==> flow/design.v <==
module sync_relation_stage #(
    parameter WIDTH = 40
) (
    input  logic clk,
    input  logic rst_n,
    input  logic [WIDTH-1:0] i_rs1,
    input  logic [WIDTH-1:0] i_rs2,
    output logic o_above,
    output logic o_a_eq_b
);
    logic [WIDTH-1:0] rs1_r;
    always_ff @(posedge clk or negedge rst_n) begin
        if (!rst_n) begin
            rs1_r <= 0;
        end else begin
            rs1_r <= i_rs1;
        end
    end
    logic [WIDTH-1:0] rs2_r;
    always_ff @(posedge clk or negedge rst_n) begin
        if (!rst_n) begin
            rs2_r <= 0;
        end else begin
            rs2_r <= i_rs2;
        end
    end
    localparam NBLK = WIDTH / 4;
    logic [NBLK:0] g;
    logic [NBLK:0] e;
    assign g[0] = 1'b0;
    assign e[0] = 1'b1;
    for (genvar gi = 0; gi < NBLK; gi++) begin : lane
        cmp4 unit (.a(rs1_r[4*gi +: 4]), .b(rs2_r[4*gi +: 4]), .gi(g[gi]), .ei(e[gi]), .go(g[gi+1]), .eo(e[gi+1]));
    end
    always_ff @(posedge clk or negedge rst_n) begin
        if (!rst_n) begin
            o_above <= 1'b0;
        end else begin
            o_above <= g[NBLK];
        end
    end
    always_ff @(posedge clk or negedge rst_n) begin
        if (!rst_n) begin
            o_a_eq_b <= 1'b0;
        end else begin
            o_a_eq_b <= e[NBLK];
        end
    end
endmodule
module cmp4 (
    input logic [3:0] a,
    input logic [3:0] b,
    input logic gi,
    input logic ei,
    output logic go,
    output logic eo
);
    assign go = (a > b) | ((a == b) & gi);
    assign eo = (a == b) & ei;
endmodule
======== Reports on sync_relation_stage ========
What the tools print for sync_relation_stage, step after step.
Lines are those of the file above, counted from 1.
Operators carry their Yosys type and port widths (W data, S select, Z words).
Library cell names are shortened.
A cell with - has no value.
set-up
  top ..................................... sync_relation_stage
  clock ................................... clk
  library ................................. sky130hd
  corner .................................. tt_025C_1v80

======== After elaboration ========
Yosys after proc, flatten, opt, wreduce and memory -nomap, before mapping. Enables and synchronous resets that opt folds into registers are not counted as muxes. Memory bits, and registers merged into a memory's read port (data or address), are not among the register bits. Print and check cells are not counted. Equal cells are merged and count once.
operators by class
  order comparisons ....................... 10
  equality and inequality tests ........... 10
  bitwise logic cells ..................... 27
operators with widths
  cell           count
  $gt A4 B4 Y1   10
  $eq A4 B4 Y1   10
  $and A1 B1 Y1  18
  $or A1 B1 Y1   9
word-level totals
  elaborated cells ........................ 51
  output and inout bits ................... 2
  bits in registers ....................... 82

======== Depth ========
Depth = most cells in a row (Yosys ltp): at word level without a register or memory, in the mapped netlist without a sequential cell, where the memories' decode and read muxes count.
logic depth
  word-level depth ........................ 19
  ABC_AREA ................................ 0
  gate-level depth with buffers ........... 7

======== Synthesis result ========
Yosys stat after the flow's synthesis: flattened, memories mapped to cells. It holds for the ABC_AREA given above (unset counts as 0); a run with the other value may have another netlist.
mapped netlist
  buffer cells ............................ 0
  mapped area ............................. 3120.5 um2
  cells in the netlist .................... 229
  flip-flop cells ......................... 82
cell types
  cell       count  total area (um2)
  dfrtp_1    82     2.05E+03
  ha_1       40     500.48
  inv_1      42     157.651
  a21oi_1    11     55.053
  nand4_1    8      50.048
  o21ai_0    8      40.038
  nor2b_1    5      31.28
  o211ai_1   4      30.029
  a211oi_1   3      22.522
  nand3_1    4      20.019
  nand2b_1   3      18.768
  a2111oi_2  1      15.014
  a31oi_1    2      12.512
  nor4_2     1      12.512
  a21boi_2   1      11.261
  nand2_1    3      11.261
  or3_4      1      11.261
  nor3_1     2      10.01
Not listed: further types 8, cells in them 8.
By module: a second synthesis without flattening, with its own total; a netlist apart from the flattened one above.
second synthesis, totals
  cells (unflattened synthesis) ........... 244
  area (unflattened synthesis) ............ 3135.5 um2
Each row is one instance without its submodules.
modules
  module               cells  times used  seq. area (um2)  area (um2)
  sync_relation_stage  84     1           2052.0           2059.5
  cmp4                 16     10          0.0              107.6

======== Path before layout ========
Path of least setup slack by OpenSTA after synthesis, without wires, with an ideal clock, recovery checks aside; 20% of the period is set as input and as output delay. Where synthesis merged equal registers, the netlist keeps one of their names.
path after synthesis
  path type ............................... register to register
  from .................................... register rs1_r[39]
  to ...................................... register o_above
  library setup time ...................... 0.135 ns
  launch time at the first pin ............ 0.000 ns
  path slack .............................. 0.411 ns
  buffers on the path ..................... 0
  stages on the path ...................... 6
  arrival time ............................ 1.504 ns
  period .................................. 2.05 ns
  delay of the path ....................... 1.639 ns
  synthesis period reached ................ 1.639 ns
"delay of the path" is the arrival time less input delay plus setup time.
"stages on the path" counts driving pins, that of a launching flip-flop among them; a cell with two outputs on the path counts twice.
"synthesis period reached" = period - worst setup slack (recovery checks aside). The figure is calculated, with input and output delays left at 20% of the set period.
Between the ends stands the longest chain of elaborated cells between them, by number of cells; it is not shown to be the way that was timed. Of several equally long chains one is given.
A line is the first line of the expression or statement that the cell stems from. Yosys adds cells for indexed reads and writes and turns some case tables into memories.
between the ends, after synthesis
  cell sequence ........................... dfrtp_1 > ha_1 > nand4_1 > or3_4 > a2111oi_2 > a211oi_1
  cells in the longest elaborated chain ... 3
  elaborated cells between the ends (all ways) .. 4
  those cells by class .................... 1 x compare; 1 x eq/ne; 2 x logic
ends and longest elaborated chain, after synthesis
  item                RTL line  RTL
  start: declaration  11        logic [WIDTH-1:0] rs1_r;
  start: assignment   14        rs1_r <= 0;
  start: assignment   16        rs1_r <= i_rs1;
  $eq A4 B4 Y1        58        assign go = (a > b) | ((a == b) & gi);
  $and A1 B1 Y1       58
  $or A1 B1 Y1        58
  end: assignment     37        o_above <= 1'b0;
  end: assignment     39        o_above <= g[NBLK];
  end: declaration    8         output logic o_above,

======== Path in the finished layout ========
From the final timing report of flow run 1: the path of least setup slack in the routed layout; clock arrival at registers is part of the times.
path after layout
  path type ............................... register to register
  from .................................... register rs1_r[39]
  to ...................................... register o_above
  stages on the path ...................... 6
  launch time at the first pin ............ 0.34 ns
  period .................................. 2.05 ns
  library setup time ...................... 0.12 ns
  path slack .............................. 0.24 ns
  buffers on the path ..................... 0
  arrival time ............................ 2.03 ns
Between the ends stands the longest chain of elaborated cells between them, by number of cells; it is not shown to be the way that was timed. Of several equally long chains one is given.
between the ends, after layout
  cell sequence ........................... dfrtp_1 > ha_1 > nand4_1 > or3_4 > a211oi_1 > a211oi_1
  cells in the longest elaborated chain ... 3
  elaborated cells between the ends (all ways) .. 4
  those cells by class .................... 1 x compare; 1 x eq/ne; 2 x logic
ends and longest elaborated chain, after layout
  item                RTL line  RTL
  start: declaration  11        logic [WIDTH-1:0] rs1_r;
  start: assignment   14        rs1_r <= 0;
  start: assignment   16        rs1_r <= i_rs1;
  $eq A4 B4 Y1        58        assign go = (a > b) | ((a == b) & gi);
  $and A1 B1 Y1       58
  $or A1 B1 Y1        58
  end: assignment     37        o_above <= 1'b0;
  end: assignment     39        o_above <= g[NBLK];
  end: declaration    8         output logic o_above,

Data sheet: physical implementation of sync_relation_stage

Design sync_relation_stage on sky130hd. What follows are 3 stored runs of the flow, each under its own settings; their order means nothing. The constraints put input and output delay at 20% of the set period each and load the outputs with 0.01 pF.
"achieved clock period (ns)": clock period set for the run, less the worst setup slack. It is reckoned from that one timing run; input and output delays stay at 20% of the period that was set.
"worst setup path time (ns)" means the part of the period allowed to the worst setup path (the constraints hold back 20% at inputs and 20% at outputs) less its slack; where the path has registers, the arrival times of their clocks count too.
"finish__power__total" is the tool's figure for a default switching activity; nothing was simulated.

Flow files of flow run 1
==> flow/run.sh <==
#!/bin/bash
# the make line also repeats the synthesis and layout settings of config.mk as NAME=value (left out here)
make -C /OpenROAD-flow-scripts/flow DESIGN_CONFIG=/design/flow/config.mk WORK_HOME=/design/flow/orfs CLKGATE_MAP_FILE= finish
==> flow/config.mk <==
export PLATFORM = sky130hd
export DESIGN_NAME = sync_relation_stage
export DESIGN_NICKNAME = sync_relation_stage
export VERILOG_FILES = /design/flow/design.v
export SDC_FILE = /design/flow/constraint.sdc
export NUM_CORES = 4
export LEC_CHECK = 0
export CAP_MARGIN = 20
export CORE_MARGIN = 2
export CORE_UTILIZATION = 40
export SLEW_MARGIN = 20
==> flow/constraint.sdc <==
create_clock -name core_clock -period 2.05 [get_ports {clk}]
set_input_delay 0.4100 -clock core_clock [delete_from_list [all_inputs] [get_ports {clk}]]
set_output_delay 0.4100 -clock core_clock [all_outputs]
set_load 0.01 [all_outputs]

report of flow run 1
yosys chip area after synthesis (um^2): 3120.5
finish__design__die__area: 8523.9
finish__design__instance__area__stdcell: 4306.6
finish__design__instance__utilization: 0.5632
finish__timing__setup__ws: 0.237
finish__timing__setup__tns: 0.000
finish__timing__hold__ws: 0.018
finish__power__total: 3.275e-03
achieved clock period (ns): 1.813
worst setup path time (ns): 1.81
worst setup path kind: register to register

Flow files of flow run 2
==> flow/run.sh <==
#!/bin/bash
# the make line also repeats the synthesis and layout settings of config.mk as NAME=value (left out here)
make -C /OpenROAD-flow-scripts/flow DESIGN_CONFIG=/design/flow/config.mk WORK_HOME=/design/flow/orfs CLKGATE_MAP_FILE= finish
==> flow/config.mk <==
export PLATFORM = sky130hd
export DESIGN_NAME = sync_relation_stage
export DESIGN_NICKNAME = sync_relation_stage
export VERILOG_FILES = /design/flow/design.v
export SDC_FILE = /design/flow/constraint.sdc
export NUM_CORES = 4
export LEC_CHECK = 0
export CAP_MARGIN = 20
export CELL_PAD_IN_SITES_GLOBAL_PLACEMENT = 2
export CORE_MARGIN = 3
export CORE_UTILIZATION = 44
export CTS_CLUSTER_DIAMETER = 207
export GPL_TIMING_DRIVEN = 1
export HOLD_SLACK_MARGIN = 0.29
export MIN_ROUTING_LAYER = met1
export PLACE_DENSITY_LB_ADDON = 0.22
export SETUP_SLACK_MARGIN = 0.57
export SLEW_MARGIN = 20
==> flow/constraint.sdc <==
create_clock -name core_clock -period 2.5 [get_ports {clk}]
set_input_delay 0.5000 -clock core_clock [delete_from_list [all_inputs] [get_ports {clk}]]
set_output_delay 0.5000 -clock core_clock [all_outputs]
set_load 0.01 [all_outputs]

report of flow run 2
yosys chip area after synthesis (um^2): 3120.5
finish__design__die__area: 8138.8
finish__design__instance__area__stdcell: 4340.4
finish__design__instance__utilization: 0.6353
finish__timing__setup__ws: 0.715
finish__timing__setup__tns: 0.000
finish__timing__hold__ws: 0.590
finish__power__total: 2.843e-03
achieved clock period (ns): 1.785
worst setup path time (ns): 1.78
worst setup path kind: register to register

Flow files of flow run 3
==> flow/run.sh <==
#!/bin/bash
# the make line also repeats the synthesis and layout settings of config.mk as NAME=value (left out here)
make -C /OpenROAD-flow-scripts/flow DESIGN_CONFIG=/design/flow/config.mk WORK_HOME=/design/flow/orfs CLKGATE_MAP_FILE= finish
==> flow/config.mk <==
export PLATFORM = sky130hd
export DESIGN_NAME = sync_relation_stage
export DESIGN_NICKNAME = sync_relation_stage
export VERILOG_FILES = /design/flow/design.v
export SDC_FILE = /design/flow/constraint.sdc
export NUM_CORES = 4
export LEC_CHECK = 0
export ABC_AREA = 0
export CAP_MARGIN = 0
export CORE_MARGIN = 6
export CORE_UTILIZATION = 48
export MIN_ROUTING_LAYER = met1
export PLACE_DENSITY = 0.68
export SLEW_MARGIN = 20
==> flow/constraint.sdc <==
create_clock -name core_clock -period 1.01 [get_ports {clk}]
set_input_delay 0.2020 -clock core_clock [delete_from_list [all_inputs] [get_ports {clk}]]
set_output_delay 0.2020 -clock core_clock [all_outputs]
set_load 0.01 [all_outputs]

report of flow run 3
yosys chip area after synthesis (um^2): 3120.5
finish__design__die__area: 8580.3
finish__design__instance__area__stdcell: 4429.2
finish__design__instance__utilization: 0.7266
finish__timing__setup__ws: -0.706
finish__timing__setup__tns: -1.425
finish__timing__hold__ws: 0.283
finish__power__total: 6.486e-03
achieved clock period (ns): 1.716
worst setup path time (ns): 1.72
worst setup path kind: register to register
